==> flow/design.v <==
module gen_adder_rtl #(
  parameter int NBITS = 12,
  parameter int N = 3,
  parameter int RES_W = NBITS + $clog2(N)
) (
  input  logic clock,
  input  logic aresetn,
  input  logic [N*NBITS-1:0] src_i,
  output logic [RES_W-1:0] s_o
);
  logic [N*NBITS-1:0] src_s;
  always_ff @(posedge clock or negedge aresetn) begin
    if (!aresetn) begin
      src_s <= 0;
    end else begin
      src_s <= src_i;
    end
  end
  logic [RES_W-1:0] r;
  always_comb begin
    r = 0;
    for (int i = 0; i < N; i++)
      r = r + src_s[i*NBITS +: NBITS];
  end
  assign s_o = r;
endmodule
From RTL to reports: gen_adder_rtl
Module gen_adder_rtl in several versions that differ in "N"; each step lists the members.
The RTL above is that of N = 3; lines are counted from 1 in the file of the member named.
Operators carry their Yosys type and port widths (W data, S select, Z words).
The mark n/a stands for no value.

set-up
  design top = gen_adder_rtl
  clock = clock
  cell library = sky130hd
  timing corner = tt_025C_1v80

Source of the members
New or changed lines of each further member against the RTL above, in its own file; lines it lacks are not shown.

new or changed lines
  N   RTL line  source
  4   3         parameter int N = 4,
  7   3         parameter int N = 7,
  10  3         parameter int N = 10,

Word-level counts
Counts by Yosys on the flattened word-level netlist (proc, flatten, opt, wreduce; memories kept). Register bits leave out memories and registers merged into their read ports (data or address); mux counts leave out enables and synchronous resets folded into registers. Print and check cells are left out. Cells with the same type and inputs are merged into one.

word-level totals
  N   register bits  bits in latches  RAM bits  bits in read-only memories  clocked read ports x word width  memories  input port bits  output and inout port bits
  3   36             0                0         0                           0                                0         38               14
  4   48             0                0         0                           0                                0         50               14
  7   84             0                0         0                           0                                0         86               15
  10  120            0                0         0                           0                                0         122              16

operators by class
  N   $add $sub $neg  $mul  divide/modulo/power cells  order comparisons  equal/unequal tests  shifts and indexed selects  mux-type cells  bitwise gates (word level)  reductions and logical operators
  3   2               0     0                          0                  0                    0                           0               0                           0
  4   3               0     0                          0                  0                    0                           0               0                           0
  7   6               0     0                          0                  0                    0                           0               0                           0
  10  9               0     0                          0                  0                    0                           0               0                           0

operators with widths
  N   kind and count
  3   1 x $add A13 B12 Y14; 1 x $add A12 B12 Y13
  4   1 x $add A13 B12 Y14; 1 x $add A14 B12 Y14; 1 x $add A12 B12 Y13
  7   3 x $add A15 B12 Y15; 1 x $add A14 B12 Y15; 1 x $add A13 B12 Y14; 1 x $add A12 B12 Y13
  10  5 x $add A16 B12 Y16; 1 x $add A15 B12 Y16; 1 x $add A14 B12 Y15; 1 x $add A13 B12 Y14; 1 x $add A12 B12 Y13

Depth
Yosys ltp: most cells in a row. Word level: on the elaborated netlist, between registers, memories and ports. Mapped: between sequential cells and ports; inverters and the memories' decode and read muxes count.

depth
  N   depth in word-level cells  ABC_AREA  gate-level depth with buffers  gate-level depth less buffers
  3   2                          0         10                             10
  4   3                          0         10                             10
  7   6                          0         15                             14
  10  9                          0         17                             17

After synthesis
Yosys stat after the flow's synthesis: flattened, memories mapped to cells. It holds for the ABC_AREA given above (unset counts as 0); a run with the other value may have another netlist.

synthesis totals
  N   cell count  chip area (Yosys) (um2)  area of sequential cells (um2)  flip-flop cells
  3   126         1,707.9                  900.9                           36
  4   220         2,543.7                  1,201.2                         48
  7   363         4,439.3                  2,102.0                         84
  10  415         6,033.3                  3,002.9                         120

cells by type
  N   type and count
  3   36 x sky130_fd_sc_hd__dfrtp_1; 13 x sky130_fd_sc_hd__fa_1; 11 x sky130_fd_sc_hd__ha_1; 7 x sky130_fd_sc_hd__xnor2_1; 9 x sky130_fd_sc_hd__a21oi_1; 12 x sky130_fd_sc_hd__inv_1; 4 x sky130_fd_sc_hd__a21o_1; 6 x sky130_fd_sc_hd__nand3_1; 3 x sky130_fd_sc_hd__and2_1; 2 x sky130_fd_sc_hd__a211o_1; 1 x sky130_fd_sc_hd__o311ai_2; 3 x sky130_fd_sc_hd__o21ai_0; 2 x sky130_fd_sc_hd__a31oi_1; 2 x sky130_fd_sc_hd__nand2b_1; 1 x sky130_fd_sc_hd__o31ai_2; 1 x sky130_fd_sc_hd__buf_6; 3 x sky130_fd_sc_hd__nand2_1; 1 x sky130_fd_sc_hd__o21ai_2; (+9)
  4   48 x sky130_fd_sc_hd__dfrtp_1; 24 x sky130_fd_sc_hd__fa_1; 67 x sky130_fd_sc_hd__inv_1; 13 x sky130_fd_sc_hd__ha_1; 6 x sky130_fd_sc_hd__a21o_1; 5 x sky130_fd_sc_hd__xnor2_1; 8 x sky130_fd_sc_hd__a21oi_1; 4 x sky130_fd_sc_hd__nand2b_1; 5 x sky130_fd_sc_hd__nand3_1; 3 x sky130_fd_sc_hd__or4_1; 2 x sky130_fd_sc_hd__a2111oi_0; 2 x sky130_fd_sc_hd__a31o_1; 2 x sky130_fd_sc_hd__xor2_1; 4 x sky130_fd_sc_hd__nor2_1; 2 x sky130_fd_sc_hd__o211ai_1; 3 x sky130_fd_sc_hd__o21ai_0; 1 x sky130_fd_sc_hd__a2111o_1; 3 x sky130_fd_sc_hd__nand2_1; (+18)
  7   84 x sky130_fd_sc_hd__dfrtp_1; 58 x sky130_fd_sc_hd__fa_1; 134 x sky130_fd_sc_hd__inv_1; 17 x sky130_fd_sc_hd__ha_1; 7 x sky130_fd_sc_hd__xnor2_1; 8 x sky130_fd_sc_hd__a21oi_1; 9 x sky130_fd_sc_hd__nor2_1; 1 x sky130_fd_sc_hd__a41oi_4; 7 x sky130_fd_sc_hd__nand2_1; 3 x sky130_fd_sc_hd__a211oi_1; 3 x sky130_fd_sc_hd__o21a_1; 4 x sky130_fd_sc_hd__nand3_1; 4 x sky130_fd_sc_hd__nor3_1; 4 x sky130_fd_sc_hd__o21ai_0; 1 x sky130_fd_sc_hd__o31a_4; 2 x sky130_fd_sc_hd__a21o_1; 2 x sky130_fd_sc_hd__nand3b_1; 1 x sky130_fd_sc_hd__nor2b_4; (+14)
  10  120 x sky130_fd_sc_hd__dfrtp_1; 93 x sky130_fd_sc_hd__fa_1; 116 x sky130_fd_sc_hd__inv_1; 23 x sky130_fd_sc_hd__ha_1; 8 x sky130_fd_sc_hd__xnor2_1; 5 x sky130_fd_sc_hd__a21o_1; 7 x sky130_fd_sc_hd__a21oi_1; 4 x sky130_fd_sc_hd__xor2_1; 3 x sky130_fd_sc_hd__a21oi_2; 5 x sky130_fd_sc_hd__nand2_1; 3 x sky130_fd_sc_hd__nand2b_1; 5 x sky130_fd_sc_hd__nor2_1; 1 x sky130_fd_sc_hd__a21oi_4; 2 x sky130_fd_sc_hd__a21boi_0; 1 x sky130_fd_sc_hd__a311oi_2; 1 x sky130_fd_sc_hd__o2111ai_2; 3 x sky130_fd_sc_hd__o21ai_0; 2 x sky130_fd_sc_hd__nor2b_1; (+13)

A list marked (+n) leaves out that many cells.

Path before layout
OpenSTA on the mapped netlist: ideal clock, no wires. The path of least setup slack (recovery checks aside). Input and output delay are each 20% of the period. Register names are those of the netlist, which keeps one name where synthesis merged equal registers.

timing after synthesis
  N   path type                 from                to              clock period (ns)  slack (ns)  stages on the path  path delay (ns)  synthesis period reached (ns)
  3   flip-flop to output port  register src_s[1]   output s_o[11]  3.62               0.579       9                   2.317            3.041
  4   flip-flop to output port  register src_s[1]   output s_o[13]  4.46               0.716       11                  2.852            3.744
  7   flip-flop to output port  register src_s[2]   output s_o[11]  6.15               0.981       13                  3.939            5.169
  10  flip-flop to output port  register src_s[38]  output s_o[13]  6.92               1.109       15                  4.427            5.811

"path delay" = arrival - input delay + setup time.
At an output port there is no setup time.
"stages on the path" counts driving pins, that of a launching flip-flop among them; a cell with two outputs on the path counts twice.
"synthesis period reached" = period - worst setup slack (recovery checks aside). The figure is calculated, with input and output delays left at 20% of the set period.
Between the ends stands the longest chain of elaborated cells between them, by number of cells; it is not shown to be the way that was timed. Of several equally long chains one is given.
Each line given opens the expression or statement behind the cell; cells for indexed reads and writes are added by Yosys, which also makes memories of some case tables.

on the way, after synthesis, N = 3
  length of the longest elaborated chain = 2

RTL lines, path after synthesis, N = 3
  element           RTL line  source
  from (decl)       11        logic [N*NBITS-1:0] src_s;
  from (assign)     14        src_s <= 0;
  from (assign)     16        src_s <= src_i;
  $add A12 B12 Y13  23        r = r + src_s[i*NBITS +: NBITS];
  $add A13 B12 Y14  23
  to (decl)         9         output logic [RES_W-1:0] s_o

on the way, after synthesis, N = 10
  length of the longest elaborated chain = 7

RTL lines, path after synthesis, N = 10
  element                        RTL line  source
  from (decl)                    11        logic [N*NBITS-1:0] src_s;
  from (assign)                  14        src_s <= 0;
  from (assign)                  16        src_s <= src_i;
  $add A14 B12 Y15               23        r = r + src_s[i*NBITS +: NBITS];
  $add A15 B12 Y16               23
  $add A16 B12 Y16 (5 in a row)  23
  to (decl)                      9         output logic [RES_W-1:0] s_o

Worst path after layout
Path of least setup slack in the final report of the run of each member (OpenROAD, finished layout, wires in). Where an end is a register, its clock arrival counts in the times.

timing post-layout
  N   path type                 from                to              clock period (ns)  slack (ns)  stages on the path  data arrival time (ns)  path buffers
  3   flip-flop to output port  register src_s[1]   output s_o[11]  3.62               0.10        11                  2.79                    2
  4   flip-flop to output port  register src_s[1]   output s_o[13]  4.46               0.20        12                  3.37                    1
  7   flip-flop to output port  register src_s[7]   output s_o[10]  6.15               0.25        16                  4.67                    1
  10  flip-flop to output port  register src_s[45]  output s_o[12]  6.92               0.29        17                  5.24                    1

Layout results
Settings and results of one run of the flow (Yosys, OpenROAD) for each member follow. The constraints put input and output delay at 20% of the set period each and load the outputs with 0.01 pF.

flow settings
  CAP_MARGIN = 20
  CORE_MARGIN = 2
  CORE_UTILIZATION = 40
  SLEW_MARGIN = 20

settings that differ
  N   period_ns
  3   3.62
  4   4.46
  7   6.15
  10  6.92

final reports
  N   mapped cell area after synthesis (um2)  area of the die (um2)  std-cell area (final layout) (um2)  smallest setup slack (ns)  achieved period (ns)
  3   1,707.9                                 4,808.7                2,428.6                             0.103                      3.517
  4   2,543.7                                 7,013.2                3,425.8                             0.196                      4.264
  7   4,439.3                                 11,956.3               5,830.6                             0.250                      5.900
  10  6,033.3                                 16,082.0               8,267.9                             0.291                      6.629

"achieved period" is the run's clock period less its worst setup slack. It is reckoned from that one timing run; input and output delays stay at 20% of the period that was set.
